==> flow/design.v <==
module my_switch_n #(
    parameter WD = 20,
    parameter N = 5,
    parameter SEL_W = $clog2(N)
) (
    input  ck,
    input  srst,
    input  [N*WD-1:0] val,
    input  [SEL_W-1:0] idx,
    output [WD-1:0] dout
);
    reg [N*WD-1:0] val_r;
    reg [SEL_W-1:0] idx_r;
    wire [WD-1:0] vec [0:N-1];
    genvar k;
    generate
        for (k = 0; k < N; k = k + 1) begin : u_g
            assign vec[k] = val_r[k*WD +: WD];
        end
    endgenerate
    assign dout = vec[idx_r];
    always @(posedge ck or posedge srst) begin
        if (srst) begin
            val_r <= 0;
            idx_r <= 0;
        end else begin
            val_r <= val;
            idx_r <= idx;
        end
    end
endmodule
### From RTL to reports: my_switch_n

The steps from the RTL of my_switch_n to its reports follow in flow order.
Line numbers count from 1 in the design file above.
Operators carry their Yosys type and port widths (W data, S select, Z words).
Cell names lack the library's common part.
The mark -- stands for no value.

* design top: my_switch_n
* clock port: ck
* cell library: sky130hd
* timing corner: tt_025C_1v80

### Elaborated design

Counts by Yosys on the flattened word-level netlist (proc, flatten, opt, wreduce). Print and check cells are left out. Cells with the same type and inputs are merged into one.

* add/subtract/negate cells: 0
* multipliers: 0
* divide/modulo/power cells: 0
* $lt $le $gt $ge: 0
* eq/ne operators: 4
* shift operators: 0
* multiplexer cells: 1
* bitwise operators: 0
* reductions and logical operators: 1

Operators with widths (number)
* $pmux W20 S5: 1
* $eq A3 B2 Y1 const B: 2
* $eq A3 B1 Y1 const B: 1
* $eq A3 B3 Y1 const B: 1
* $logic_not A3 Y1: 1

* register bits after elaboration: 103
* bits in latches: 0
* bits in writable memories: 0
* bits in read-only memories: 0
* clocked read ports x word width: 0
* memories kept: 0
* output and inout bits: 20

### Logic depth

Longest topological path by Yosys (ltp), each cell counted once; first at word level (registers and memories cut), then after technology mapping (sequential cells cut; the memories' decode and read muxes count).

* word-level depth: 2
* ABC_AREA: 0
* gate-level depth with buffers: 5

### After synthesis

The flow's flattened synthesis, as Yosys stat reports it; memories are mapped. The netlist is that of the ABC_AREA named above (0 if unset); the other value can give another one.
Totals and module areas in this step are rounded.

* standard cells after synthesis: 251
* cell area after synthesis: 3648 µm²
* flip-flops: 103
* buffers: 22

Cells by type
* dfrtp_1: number 103, area in all 2.58E+03 µm²
* nand3b_1: number 40, area in all 300.288 µm²
* a221o_1: number 20, area in all 200.192 µm²
* o22a_1: number 20, area in all 175.168 µm²
* nand2b_1: number 20, area in all 125.12 µm²
* a21oi_1: number 20, area in all 100.096 µm²
* buf_6: number 5, area in all 56.304 µm²
* buf_2: number 8, area in all 40.038 µm²
* clkbuf_1: number 9, area in all 33.782 µm²
* o21a_4: number 1, area in all 15.014 µm²
* and2_4: number 1, area in all 8.758 µm²
* nor2_1: number 2, area in all 7.507 µm²
* nor3_1: number 1, area in all 5.005 µm²
* inv_1: number 1, area in all 3.754 µm²

### Timing after synthesis

OpenSTA on the mapped netlist: ideal clock, no wires. The path of least setup slack (recovery checks aside). Input and output delay are each 20% of the period. Register names are those of the netlist, which keeps one name where synthesis merged equal registers.

* kind: reg-to-output
* from: register idx_r[0]
* to: output dout[11]
* clock period: 2.02 ns
* external output delay: 0.404 ns
* launch time at the first pin: 0.000 ns
* arrival: 1.290 ns
* required time: 1.616 ns
* slack: 0.326 ns
* path delay: 1.290 ns
* stages on the path: 6
* path buffers: 2
* synthesis period reached: 1.694 ns

"path delay" = arrival - input delay + setup time.
At an output port there is no setup time.
"stages on the path" counts driving pins, that of a launching flip-flop among them; a cell with two outputs on the path counts twice.
"synthesis period reached" is the clock period less the worst setup slack; recovery checks do not enter. This is arithmetic on one report: input and output delays are still those of the set period (20% each).
The rows between start and end are the longest chain of elaborated cells between them; the timing report does not say that the signal goes this way. Where chains are equally long, one stands for them.
A line is the first line of the expression or statement that the cell stems from. Yosys adds cells for indexed reads and writes and turns some case tables into memories.

* path through: dfrtp_1 -> buf_6 -> o21a_4 -> buf_6 -> a221o_1 -> o22a_1
* length of the longest elaborated chain: 2

RTL lines, path after synthesis
* from (decl): RTL line 13 `reg [SEL_W-1:0] idx_r;`
* from (assign): RTL line 25 `idx_r <= 0;`
* from (assign): RTL line 28 `idx_r <= idx;`
* $eq A3 B3 Y1: RTL line 21 `assign dout = vec[idx_r];`
* $pmux W20 S5: RTL line 21
* to (decl): RTL line 10 `output [WD-1:0] dout`

### Path in the finished layout

From the final timing report of flow run 2: the path of least setup slack in the routed layout; clock arrival at registers is part of the times.

* kind: reg-to-output
* from: register idx_r[0]
* to: output dout[8]
* clock period: 2.02 ns
* external output delay: 0.40 ns
* launch time at the first pin: 0.35 ns
* arrival: 1.82 ns
* required time: 1.62 ns
* slack: -0.20 ns
* stages on the path: 6
* path buffers: 2

The rows between start and end are the longest chain of elaborated cells between them; the timing report does not say that the signal goes this way. Where chains are equally long, one stands for them.

* path through: dfrtp_2 -> o21a_4 -> buf_12 -> a221o_1 -> o22a_1 -> buf_2
* length of the longest elaborated chain: 2

RTL lines, path post-layout
* from (decl): RTL line 13 `reg [SEL_W-1:0] idx_r;`
* from (assign): RTL line 25 `idx_r <= 0;`
* from (assign): RTL line 28 `idx_r <= idx;`
* $eq A3 B3 Y1: RTL line 21 `assign dout = vec[idx_r];`
* $pmux W20 S5: RTL line 21
* to (decl): RTL line 10 `output [WD-1:0] dout`

Add stored flow runs of my_switch_n

Module my_switch_n, platform sky130hd: 3 stored runs of the flow (Yosys, OpenROAD) with differing settings, in no particular order. Input and output delays are each 20% of the period that was set; the output load is 0.01 pF.
"achieved clock period" means the clock period less the worst setup slack. The figure is calculated, with input and output delays left at 20% of the set period.
"worst setup path time": the worst setup path's part of the clock period (all of it between registers, 20% less for each end at a port) less its slack. A launch clock that arrives late makes it longer, a capture clock that arrives late makes it shorter.
"power consumption": no workload was simulated; the value follows from the tool's default switching activity.
The measured numbers are rounded.

### Flow run 1

==> flow/run.sh <==
#!/bin/bash
# the make line also repeats the synthesis and layout settings of config.mk as NAME=value (left out here)
make -C /OpenROAD-flow-scripts/flow DESIGN_CONFIG=/design/flow/config.mk WORK_HOME=/design/flow/orfs CLKGATE_MAP_FILE= finish
==> flow/config.mk <==
export PLATFORM = sky130hd
export DESIGN_NAME = my_switch_n
export DESIGN_NICKNAME = my_switch_n
export VERILOG_FILES = /design/flow/design.v
export SDC_FILE = /design/flow/constraint.sdc
export NUM_CORES = 4
export LEC_CHECK = 0
export ABC_AREA = 1
export CAP_MARGIN = 0
export CELL_PAD_IN_SITES_DETAIL_PLACEMENT = 2
export CORE_ASPECT_RATIO = 1.71
export CORE_MARGIN = 6
export CORE_UTILIZATION = 68
export CTS_CLUSTER_SIZE = 58
export MAX_ROUTING_LAYER = met4
export PLACE_DENSITY_LB_ADDON = 0.24
export SETUP_SLACK_MARGIN = -0.1
export SLEW_MARGIN = 20
==> flow/constraint.sdc <==
create_clock -name core_clock -period 1.24 [get_ports {ck}]
set_input_delay 0.2480 -clock core_clock [delete_from_list [all_inputs] [get_ports {ck}]]
set_output_delay 0.2480 -clock core_clock [all_outputs]
set_load 0.01 [all_outputs]

Outcome of flow run 1: not finished: placement ended with a tool error

### Flow run 2

==> flow/run.sh <==
#!/bin/bash
# the make line also repeats the synthesis and layout settings of config.mk as NAME=value (left out here)
make -C /OpenROAD-flow-scripts/flow DESIGN_CONFIG=/design/flow/config.mk WORK_HOME=/design/flow/orfs CLKGATE_MAP_FILE= finish
==> flow/config.mk <==
export PLATFORM = sky130hd
export DESIGN_NAME = my_switch_n
export DESIGN_NICKNAME = my_switch_n
export VERILOG_FILES = /design/flow/design.v
export SDC_FILE = /design/flow/constraint.sdc
export NUM_CORES = 4
export LEC_CHECK = 0
export CAP_MARGIN = 20
export CORE_MARGIN = 2
export CORE_UTILIZATION = 40
export SLEW_MARGIN = 20
==> flow/constraint.sdc <==
create_clock -name core_clock -period 2.02 [get_ports {ck}]
set_input_delay 0.4040 -clock core_clock [delete_from_list [all_inputs] [get_ports {ck}]]
set_output_delay 0.4040 -clock core_clock [all_outputs]
set_load 0.01 [all_outputs]

Results of flow run 2:
- Worst setup path time: 1.82 ns
- Worst path kind: reg-to-output
- Post-route utilization: 0.611
- Achieved clock period: 2.223 ns
- Setup slack of the critical path: -0.203 ns
- Die size: 9901 µm²
- Chip area after synthesis (Yosys): 3648 µm²
- Power consumption: 0.004003 W

### Flow run 3

==> flow/run.sh <==
#!/bin/bash
# the make line also repeats the synthesis and layout settings of config.mk as NAME=value (left out here)
make -C /OpenROAD-flow-scripts/flow DESIGN_CONFIG=/design/flow/config.mk WORK_HOME=/design/flow/orfs CLKGATE_MAP_FILE= finish
==> flow/config.mk <==
export PLATFORM = sky130hd
export DESIGN_NAME = my_switch_n
export DESIGN_NICKNAME = my_switch_n
export VERILOG_FILES = /design/flow/design.v
export SDC_FILE = /design/flow/constraint.sdc
export NUM_CORES = 4
export LEC_CHECK = 0
export CAP_MARGIN = 15
export CORE_MARGIN = 10
export CORE_UTILIZATION = 52
export CTS_CLUSTER_SIZE = 47
export GPL_TIMING_DRIVEN = 1
export SETUP_SLACK_MARGIN = -0.19
export SLEW_MARGIN = 20
==> flow/constraint.sdc <==
create_clock -name core_clock -period 2.02 [get_ports {ck}]
set_input_delay 0.4040 -clock core_clock [delete_from_list [all_inputs] [get_ports {ck}]]
set_output_delay 0.4040 -clock core_clock [all_outputs]
set_load 0.01 [all_outputs]

Results of flow run 3:
- Worst setup path time: 1.84 ns
- Worst path kind: reg-to-output
- Post-route utilization: 0.795
- Achieved clock period: 2.248 ns
- Setup slack of the critical path: -0.228 ns
- Die size: 10770 µm²
- Chip area after synthesis (Yosys): 3648 µm²
- Power consumption: 0.004328 W
